==> flow/design.v <==
module mul_rtl (clock, rst_i, op_a_i, op_b_i, m_o);
  parameter BITS = 12;
  parameter WB = 16;
  input clock;
  input rst_i;
  input [BITS-1:0] op_a_i;
  input [WB-1:0] op_b_i;
  output reg [BITS+WB-1:0] m_o;
  reg [BITS-1:0] op_a_d1;
  reg [WB-1:0] op_b_d1;
  always @(posedge clock or posedge rst_i) begin
    if (rst_i) begin
      op_a_d1 <= 0;
      op_b_d1 <= 0;
      m_o <= 0;
    end else begin
      op_a_d1 <= op_a_i;
      op_b_d1 <= op_b_i;
      m_o <= op_a_d1 * op_b_d1;
    end
  end
endmodule
**From RTL to reports: mul_rtl**

Module mul_rtl in several versions that differ in "BITS"; each step lists the members.
The file above is the member BITS = 12. Line numbers count from 1 in each member's own file.
Operators: Yosys type, input widths -> output width; for muxes data width and select width s.
A cell with n/a has no value.

- Top module: mul_rtl
- Clock input: clock
- Cell library: sky130hd
- Library corner: tt_025C_1v80

**Members of the sweep**

Lines of each other member's file that are new or changed against the file above; lines that a member lacks are not shown.

New or changed lines:

| BITS | RTL line | text |
|---|---|---|
| 14 | 2 | `parameter BITS = 14;` |
| 20 | 2 | `parameter BITS = 20;` |
| 36 | 2 | `parameter BITS = 36;` |

**Word level**

Yosys after proc, flatten, opt, wreduce and memory -nomap, before mapping. Enables and synchronous resets that opt folds into registers are not counted as muxes. Memory bits, and registers merged into a memory's read port (data or address), are not among the register bits. Print and check cells are not counted. Equal cells are merged and count once.

Storage and ports:

| BITS | bits in registers | bits in latches | bits in writable memories | ROM bits | word width x clocked read ports | memory cells | bits of input ports | output and inout bits | elaborated cells |
|---|---|---|---|---|---|---|---|---|---|
| 12 | 56 | 0 | 0 | 0 | 0 | 0 | 30 | 28 | 4 |
| 14 | 60 | 0 | 0 | 0 | 0 | 0 | 32 | 30 | 4 |
| 20 | 72 | 0 | 0 | 0 | 0 | 0 | 38 | 36 | 4 |
| 36 | 104 | 0 | 0 | 0 | 0 | 0 | 54 | 52 | 4 |

Cells by class:

| BITS | $add $sub $neg | multiply operators | divide/modulo/power cells | magnitude comparators | equality and inequality tests | shift-type cells | muxes and demuxes | bitwise logic cells | reductions and logical operators |
|---|---|---|---|---|---|---|---|---|---|
| 12 | 0 | 1 | 0 | 0 | 0 | 0 | 0 | 0 | 0 |
| 14 | 0 | 1 | 0 | 0 | 0 | 0 | 0 | 0 | 0 |
| 20 | 0 | 1 | 0 | 0 | 0 | 0 | 0 | 0 | 0 |
| 36 | 0 | 1 | 0 | 0 | 0 | 0 | 0 | 0 | 0 |

Operators by type and width:

| BITS | kinds with counts |
|---|---|
| 12 | $mul 12x16->28: 1 |
| 14 | $mul 14x16->30: 1 |
| 20 | $mul 20x16->36: 1 |
| 36 | $mul 36x16->52: 1 |

**Depth**

Depth = most cells in a row (Yosys ltp): at word level without a register or memory, in the mapped netlist without a sequential cell, where the memories' decode and read muxes count.

Depth:

| BITS | depth after elaboration | ABC_AREA | mapped depth | mapped depth without buffers |
|---|---|---|---|---|
| 12 | 1 | 0 | 20 | 18 |
| 14 | 1 | 0 | 22 | 21 |
| 20 | 1 | 0 | 22 | 20 |
| 36 | 1 | 0 | 25 | 23 |

**Mapped cells and area**

The flow's flattened synthesis, as Yosys stat reports it; memories are mapped. The netlist is that of the ABC_AREA named above (0 if unset); the other value can give another one.
The area totals of this step are shown rounded.

Mapped netlist:

| BITS | cells in the netlist | synthesis area (µm²) | sequential area (µm²) | flip-flops | buffers |
|---|---|---|---|---|---|
| 12 | 822 | 7710 | 1400 | 56 | 33 |
| 14 | 922 | 8940 | 1500 | 60 | 35 |
| 20 | 1281 | 12300 | 1800 | 72 | 61 |
| 36 | 2210 | 20700 | 2600 | 104 | 108 |

Cell types:

| BITS | type and count |
|---|---|
| 12 | sky130_fd_sc_hd__fa_1: 140; sky130_fd_sc_hd__dfrtp_1: 56; sky130_fd_sc_hd__ha_1: 66; sky130_fd_sc_hd__inv_1: 189; sky130_fd_sc_hd__nand2_1: 144; sky130_fd_sc_hd__and2_1: 65; sky130_fd_sc_hd__a21oi_1: 27; sky130_fd_sc_hd__xnor2_1: 15; sky130_fd_sc_hd__clkbuf_1: 30; sky130_fd_sc_hd__nor2_1: 16; sky130_fd_sc_hd__a21o_1: 7; sky130_fd_sc_hd__xor2_1: 6; sky130_fd_sc_hd__o21ai_0: 7; sky130_fd_sc_hd__nand3_1: 6; sky130_fd_sc_hd__o21bai_1: 4; sky130_fd_sc_hd__clkbuf_8: 2; sky130_fd_sc_hd__o41ai_4: 1; sky130_fd_sc_hd__nor3_1: 5; (+36) |
| 14 | sky130_fd_sc_hd__fa_1: 165; sky130_fd_sc_hd__dfrtp_1: 60; sky130_fd_sc_hd__ha_1: 94; sky130_fd_sc_hd__and2_1: 112; sky130_fd_sc_hd__inv_1: 176; sky130_fd_sc_hd__nand2_1: 133; sky130_fd_sc_hd__clkbuf_1: 35; sky130_fd_sc_hd__a21oi_1: 26; sky130_fd_sc_hd__xor2_1: 14; sky130_fd_sc_hd__xnor2_1: 13; sky130_fd_sc_hd__a21o_1: 13; sky130_fd_sc_hd__o21ai_0: 17; sky130_fd_sc_hd__nor2_1: 13; sky130_fd_sc_hd__nor3_1: 7; sky130_fd_sc_hd__nand3_1: 6; sky130_fd_sc_hd__a31oi_1: 4; sky130_fd_sc_hd__nand4_1: 4; sky130_fd_sc_hd__a211oi_1: 3; (+27) |
| 20 | sky130_fd_sc_hd__fa_1: 250; sky130_fd_sc_hd__dfrtp_1: 72; sky130_fd_sc_hd__ha_1: 108; sky130_fd_sc_hd__inv_1: 269; sky130_fd_sc_hd__and2_1: 150; sky130_fd_sc_hd__nand2_1: 192; sky130_fd_sc_hd__clkbuf_1: 59; sky130_fd_sc_hd__xnor2_1: 21; sky130_fd_sc_hd__a21oi_1: 30; sky130_fd_sc_hd__xor2_1: 11; sky130_fd_sc_hd__a21o_1: 12; sky130_fd_sc_hd__o21ai_0: 16; sky130_fd_sc_hd__nand3_1: 10; sky130_fd_sc_hd__o21bai_1: 6; sky130_fd_sc_hd__nor2_1: 10; sky130_fd_sc_hd__a41oi_1: 4; sky130_fd_sc_hd__and3_1: 5; sky130_fd_sc_hd__nand4_1: 5; (+51) |
| 36 | sky130_fd_sc_hd__fa_1: 474; sky130_fd_sc_hd__dfrtp_1: 104; sky130_fd_sc_hd__inv_1: 494; sky130_fd_sc_hd__ha_1: 124; sky130_fd_sc_hd__and2_1: 231; sky130_fd_sc_hd__nand2_1: 381; sky130_fd_sc_hd__clkbuf_1: 108; sky130_fd_sc_hd__xnor2_1: 32; sky130_fd_sc_hd__a21oi_1: 45; sky130_fd_sc_hd__a21o_1: 24; sky130_fd_sc_hd__nor2_1: 40; sky130_fd_sc_hd__xor2_1: 16; sky130_fd_sc_hd__o21ai_0: 21; sky130_fd_sc_hd__nand4_1: 14; sky130_fd_sc_hd__o21bai_1: 9; sky130_fd_sc_hd__nand3_1: 12; sky130_fd_sc_hd__nor3_1: 11; sky130_fd_sc_hd__a31oi_1: 7; (+63) |

The mark (+n) counts cells that are not listed.

**Timing after synthesis**

OpenSTA on the mapped netlist: ideal clock, no wires. The path of least setup slack (recovery checks aside). Input and output delay are each 20% of the period. Register names are those of the netlist, which keeps one name where synthesis merged equal registers.

Path post-synthesis:

| BITS | path type | start | end | clock period (ns) | setup slack (ns) | driving pins on the path | path delay (ns) | synthesis period reached (ns) |
|---|---|---|---|---|---|---|---|---|
| 12 | register to register | register op_a_d1[3] | register m_o[20] | 6.15 | 1.231 | 19 | 4.918 | 4.919 |
| 14 | register to register | register op_b_d1[7] | register m_o[18] | 6.91 | 1.379 | 21 | 5.531 | 5.531 |
| 20 | register to register | register op_a_d1[11] | register m_o[35] | 7.16 | 1.430 | 20 | 5.730 | 5.73 |
| 36 | register to register | register op_b_d1[1] | register m_o[51] | 7.64 | 1.529 | 23 | 6.111 | 6.111 |

"path delay" is the arrival time less input delay plus setup time.
"driving pins on the path" counts driving pins, that of a launching flip-flop among them; a cell with two outputs on the path counts twice.
"synthesis period reached" = period - worst setup slack (recovery checks aside). The figure is calculated, with input and output delays left at 20% of the set period.
The rows between start and end are the longest chain of elaborated cells between them; the timing report does not say that the signal goes this way. Where chains are equally long, one stands for them.
A line is the first line of the expression or statement that the cell stems from. Yosys adds cells for indexed reads and writes and turns some case tables into memories.

On the way, post-synthesis, BITS = 12:
- Length of the longest elaborated chain: 1

Ends and longest elaborated chain, post-synthesis, BITS = 12:

| what | RTL line | text |
|---|---|---|
| start, declared | 9 | `reg [BITS-1:0] op_a_d1;` |
| start, assigned | 13 | `op_a_d1 <= 0;` |
| start, assigned | 17 | `op_a_d1 <= op_a_i;` |
| $mul 12x16->28 | 19 | `m_o <= op_a_d1 * op_b_d1;` |
| end, assigned | 15 | `m_o <= 0;` |
| end, assigned | 19 |  |
| end, declared | 8 | `output reg [BITS+WB-1:0] m_o;` |

On the way, post-synthesis, BITS = 36:
- Length of the longest elaborated chain: 1

Ends and longest elaborated chain, post-synthesis, BITS = 36:

| what | RTL line | text |
|---|---|---|
| start, declared | 10 | `reg [WB-1:0] op_b_d1;` |
| start, assigned | 14 | `op_b_d1 <= 0;` |
| start, assigned | 18 | `op_b_d1 <= op_b_i;` |
| $mul 36x16->52 | 19 | `m_o <= op_a_d1 * op_b_d1;` |
| end, assigned | 15 | `m_o <= 0;` |
| end, assigned | 19 |  |
| end, declared | 8 | `output reg [BITS+WB-1:0] m_o;` |

**Worst path after layout**

From the final timing report of each member's run: the path of least setup slack in the routed layout; clock arrival at registers is part of the times.

Path after layout:

| BITS | path type | start | end | clock period (ns) | setup slack (ns) | driving pins on the path | arrival (ns) | buffers on the path |
|---|---|---|---|---|---|---|---|---|
| 12 | register to register | register op_a_d1[4] | register m_o[26] | 6.15 | 0.67 | 16 | 5.71 | 0 |
| 14 | register to register | register op_b_d1[8] | register m_o[18] | 6.91 | 0.88 | 19 | 6.28 | 0 |
| 20 | register to register | register op_b_d1[2] | register m_o[35] | 7.16 | 0.80 | 19 | 6.61 | 0 |
| 36 | register to register | register op_b_d1[5] | register m_o[39] | 7.64 | 0.67 | 22 | 7.27 | 1 |

**Measured runs**

One run of the flow (Yosys, OpenROAD) for each member, with settings and measured results. Input and output delays are each 20% of the period that was set; the output load is 0.01 pF.

- CAP_MARGIN: 20
- CORE_MARGIN: 2
- CORE_UTILIZATION: 40
- SLEW_MARGIN: 20

Settings by member:

| BITS | period_ns |
|---|---|
| 12 | 6.15 |
| 14 | 6.91 |
| 20 | 7.16 |
| 36 | 7.64 |

Results:

| BITS | synthesis area (µm²) | overall die area (µm²) | standard-cell area after routing (µm²) | utilization after routing | smallest setup slack (ns) | summed negative setup slack (ns) | worst hold slack in the final report (ns) | period reached (ns) |
|---|---|---|---|---|---|---|---|---|
| 12 | 7710 | 20400 | 8610 | 0.457 | 0.672 | 0.000 | 0.800 | 5.478 |
| 14 | 8940 | 23600 | 10100 | 0.459 | 0.875 | 0.000 | 0.813 | 6.035 |
| 20 | 12300 | 32100 | 13600 | 0.447 | 0.797 | 0.000 | 0.880 | 6.363 |
| 36 | 20700 | 53600 | 22700 | 0.443 | 0.667 | 0.000 | 0.849 | 6.973 |

"period reached" = clock period - worst setup slack. The figure is calculated, with input and output delays left at 20% of the set period.
Measured values are rounded.
